==> flow/design.v <==
module alu_relation #(
  parameter int DATA_W = 32
) (
  input logic clk_i,
  input logic srst,
  input logic [DATA_W-1:0] i_lhs,
  input logic [DATA_W-1:0] i_rhs,
  output logic o_gt,
  output logic o_same
);
  logic [DATA_W-1:0] r_lhs;
  logic [DATA_W-1:0] r_rhs;
  always_ff @(posedge clk_i) begin
    if (srst) begin
      r_lhs <= '0;
      r_rhs <= '0;
    end else begin
      r_lhs <= i_lhs;
      r_rhs <= i_rhs;
    end
  end
  localparam int GROUPS = DATA_W / 4;
  logic [GROUPS:0] g;
  logic [GROUPS:0] e;
  assign g[0] = 1'b0;
  assign e[0] = 1'b1;
  generate
    for (genvar ii = 0; ii < GROUPS; ii++) begin : u_g
      nib_cmp inst (.a(r_lhs[4*ii +: 4]), .b(r_rhs[4*ii +: 4]), .gi(g[ii]), .ei(e[ii]), .go(g[ii+1]), .eo(e[ii+1]));
    end
  endgenerate
  always_ff @(posedge clk_i) begin
    if (srst) begin
      o_gt <= 1'b0;
      o_same <= 1'b0;
    end else begin
      o_gt <= g[GROUPS];
      o_same <= e[GROUPS];
    end
  end
endmodule
module nib_cmp (
  input logic [3:0] a,
  input logic [3:0] b,
  input logic gi,
  input logic ei,
  output logic go,
  output logic eo
);
  assign go = (a > b) | ((a == b) & gi);
  assign eo = (a == b) & ei;
endmodule
### Reports on alu_relation

What the tools print for alu_relation, step after step.
Line numbers count from 1 in the design file above.
Operators carry their Yosys type and port widths (W data, S select, Z words).
Cell names lack the library's common part.
Not given: --

| inputs | value |
|---|---|
| design top | alu_relation |
| clock | clk_i |
| library | sky130hd |
| corner | tt_025C_1v80 |

### After elaboration

Yosys after proc, flatten, opt, wreduce and memory -nomap, before mapping. Enables and synchronous resets that opt folds into registers are not counted as muxes. Memory bits, and registers merged into a memory's read port (data or address), are not among the register bits. Print and check cells are not counted. Equal cells are merged and count once.

| operators by class | value |
|---|---|
| order comparisons | 8 |
| eq/ne operators | 8 |
| bitwise logic cells | 21 |

Operators with widths:

| kind | number |
|---|---|
| $gt A4 B4 Y1 | 8 |
| $eq A4 B4 Y1 | 8 |
| $and A1 B1 Y1 | 14 |
| $or A1 B1 Y1 | 7 |

| bit counts | value |
|---|---|
| register bits | 66 |
| output and inout port bits | 2 |
| elaborated cells | 41 |

### Longest topological paths

Depth = most cells in a row (Yosys ltp): at word level without a register or memory, in the mapped netlist without a sequential cell, where the memories' decode and read muxes count.

| depth | value |
|---|---|
| word-level depth | 15 |
| ABC_AREA | 0 |
| mapped depth | 7 |

### After synthesis

Yosys stat after the flow's synthesis: flattened, memories mapped to cells. It holds for the ABC_AREA given above (unset counts as 0); a run with the other value may have another netlist.

| mapped netlist | value |
|---|---|
| mapped cells | 262 |
| mapped area | 2645.0 µm² |
| sequential part of the area | 1321.3 µm² |
| mapped flip-flops | 66 |
| buffers | 7 |

Cells by type:

| cell type | number | area in all (µm²) |
|---|---|---|
| dfxtp_1 | 66 | 1.32E+03 |
| nor2b_1 | 70 | 437.92 |
| ha_1 | 32 | 400.384 |
| inv_1 | 35 | 131.376 |
| nand4_1 | 9 | 56.304 |
| o211ai_1 | 5 | 37.536 |
| o21ai_0 | 7 | 35.034 |
| clkbuf_1 | 7 | 26.275 |
| a21oi_1 | 5 | 25.024 |
| o21a_1 | 2 | 15.014 |
| nand2b_1 | 2 | 12.512 |
| nand4_2 | 1 | 12.512 |
| nand2_1 | 3 | 11.261 |
| nor2_1 | 3 | 11.261 |
| and3b_2 | 1 | 10.01 |
| nor3_1 | 2 | 10.01 |
| nor3_2 | 1 | 10.01 |
| a21o_2 | 1 | 8.758 |

Not listed: further types 10, cells in them 10.
The figures by module come from a second, unflattened synthesis with its own total; it is not the netlist above.

| second synthesis, totals | value |
|---|---|
| cell total of the unflattened synthesis | 269 |
| area (unflattened synthesis) | 2665.1 µm² |

Rows give one instance, submodules left out.

By module:

| module | instances | cells | area (µm²) | seq. area (µm²) |
|---|---|---|---|---|
| alu_relation | 1 | 141 | 1804.2 | 1321.3 |
| nib_cmp | 8 | 16 | 107.6 | 0.0 |

### Worst setup path after synthesis

Path of least setup slack by OpenSTA after synthesis, without wires, with an ideal clock, recovery checks aside; 20% of the period is set as input and as output delay. Where synthesis merged equal registers, the netlist keeps one of their names.

| timing after synthesis | value |
|---|---|
| path kind | register to register |
| start point | reg r_rhs[19] |
| end point | reg o_gt |
| period | 1.87 ns |
| time at the first pin | 0.000 ns |
| arrival | 1.368 ns |
| required time | 1.741 ns |
| path slack | 0.372 ns |
| path delay | 1.497 ns |
| stages on the path | 8 |
| synthesis period reached | 1.498 ns |

"path delay" = arrival - input delay + setup time.
"stages on the path" counts driving pins, that of a launching flip-flop among them; a cell with two outputs on the path counts twice.
"synthesis period reached" is the clock period less the worst setup slack; recovery checks do not enter. This is arithmetic on one report: input and output delays are still those of the set period (20% each).
Between the ends stands the longest chain of elaborated cells between them, by number of cells; it is not shown to be the way that was timed. Of several equally long chains one is given.
Each line given opens the expression or statement behind the cell; cells for indexed reads and writes are added by Yosys, which also makes memories of some case tables.

| between the ends, after synthesis | value |
|---|---|
| path through | dfxtp_1 inv_1 ha_1 and3_1 a221oi_1 a22oi_1 nand4_1 o211ai_1 |
| cells in the longest elaborated chain | 9 |
| elaborated cells on any way between the ends | 10 |

Ends and longest elaborated chain, after synthesis:

| item | RTL line | text |
|---|---|---|
| from (decl) | 12 | `logic [DATA_W-1:0] r_rhs;` |
| from (assign) | 16 | `r_rhs <= '0;` |
| from (assign) | 19 | `r_rhs <= i_rhs;` |
| $eq A4 B4 Y1 | 50 | `assign go = (a > b) \| ((a == b) & gi);` |
| $and A1 B1 Y1 | 50 |  |
| $or A1 B1 Y1 | 50 |  |
| $and A1 B1 Y1 | 50 |  |
| $or A1 B1 Y1 | 50 |  |
| $and A1 B1 Y1 | 50 |  |
| $or A1 B1 Y1 | 50 |  |
| $and A1 B1 Y1 | 50 |  |
| $or A1 B1 Y1 | 50 |  |
| to (assign) | 34 | `o_gt <= 1'b0;` |
| to (assign) | 37 | `o_gt <= g[GROUPS];` |
| to (decl) | 8 | `output logic o_gt,` |

### Timing after layout

From the final timing report of job 1: the path of least setup slack in the routed layout; clock arrival at registers is part of the times.

| timing post-layout | value |
|---|---|
| path kind | register to register |
| start point | reg r_rhs[19] |
| end point | reg o_gt |
| period | 1.87 ns |
| time at the first pin | 0.33 ns |
| arrival | 1.83 ns |
| required time | 2.08 ns |
| path slack | 0.25 ns |
| stages on the path | 8 |

Between the ends stands the longest chain of elaborated cells between them, by number of cells; it is not shown to be the way that was timed. Of several equally long chains one is given.

| between the ends, post-layout | value |
|---|---|
| path through | dfxtp_1 inv_1 ha_1 and3_1 a221oi_1 a22oi_1 nand4_1 o211ai_1 |
| cells in the longest elaborated chain | 9 |
| elaborated cells on any way between the ends | 10 |

Ends and longest elaborated chain, post-layout:

| item | RTL line | text |
|---|---|---|
| from (decl) | 12 | `logic [DATA_W-1:0] r_rhs;` |
| from (assign) | 16 | `r_rhs <= '0;` |
| from (assign) | 19 | `r_rhs <= i_rhs;` |
| $eq A4 B4 Y1 | 50 | `assign go = (a > b) \| ((a == b) & gi);` |
| $and A1 B1 Y1 | 50 |  |
| $or A1 B1 Y1 | 50 |  |
| $and A1 B1 Y1 | 50 |  |
| $or A1 B1 Y1 | 50 |  |
| $and A1 B1 Y1 | 50 |  |
| $or A1 B1 Y1 | 50 |  |
| $and A1 B1 Y1 | 50 |  |
| $or A1 B1 Y1 | 50 |  |
| to (assign) | 34 | `o_gt <= 1'b0;` |
| to (assign) | 37 | `o_gt <= g[GROUPS];` |
| to (decl) | 8 | `output logic o_gt,` |

FLOW RESULTS
============

Settings and measured results of 3 stored flow runs for module alu_relation (sky130hd), not sorted in any way. The constraints put input and output delay at 20% of the set period each and load the outputs with 0.01 pF.
"period achieved" is the run's clock period less its worst setup slack. It is reckoned from that one timing run; input and output delays stay at 20% of the period that was set.
"time on the worst setup path" means the part of the period allowed to the worst setup path (the constraints hold back 20% at inputs and 20% at outputs) less its slack; where the path has registers, the arrival times of their clocks count too.
Among the settings, - means not set for that run.

| run | period_ns | CAP_MARGIN | CORE_MARGIN | CORE_UTILIZATION | SLEW_MARGIN | PLACE_DENSITY_LB_ADDON | CELL_PAD_IN_SITES_GLOBAL_PLACEMENT | TNS_END_PERCENT | ABC_AREA | CTS_CLUSTER_DIAMETER | MIN_ROUTING_LAYER | SETUP_SLACK_MARGIN | CTS_CLUSTER_SIZE | MAX_ROUTING_LAYER | netlist area reported by Yosys (µm²) | total die area (µm²) | standard-cell area after layout (µm²) | utilization of the finished layout (%) | lowest setup slack (ns) | post-route setup TNS (ns) | worst hold slack (ns) | period achieved (ns) | time on the worst setup path (ns) | worst setup path kind |
|---|---|---|---|---|---|---|---|---|---|---|---|---|---|---|---|---|---|---|---|---|---|---|---|---|
| job 1 | 1.87 | 20 | 2 | 40 | 20 | - | - | - | - | - | - | - | - | - | 2645.0 | 7278.6 | 3580.9 | 56.1 | 0.254 | 0.000 | 0.490 | 1.616 | 1.62 | register to register |
| job 2 | 1.04 | 20 | 2 | 43 | 35 | 0.16 | 2 | 30 | 0 | 249 | met2 | - | - | - | 2645.0 | 6794.7 | 3772.4 | 63.7 | -0.505 | -1.002 | 0.251 | 1.545 | 1.54 | register to register |
| job 3 | 2.25 | 20 | 2 | 34 | 20 | 0.24 | - | 65 | - | 302 | - | -0.03 | 39 | met4 | 2645.0 | 8500.8 | 3644.8 | 47.7 | 0.578 | 0.000 | 0.531 | 1.672 | 1.67 | register to register |
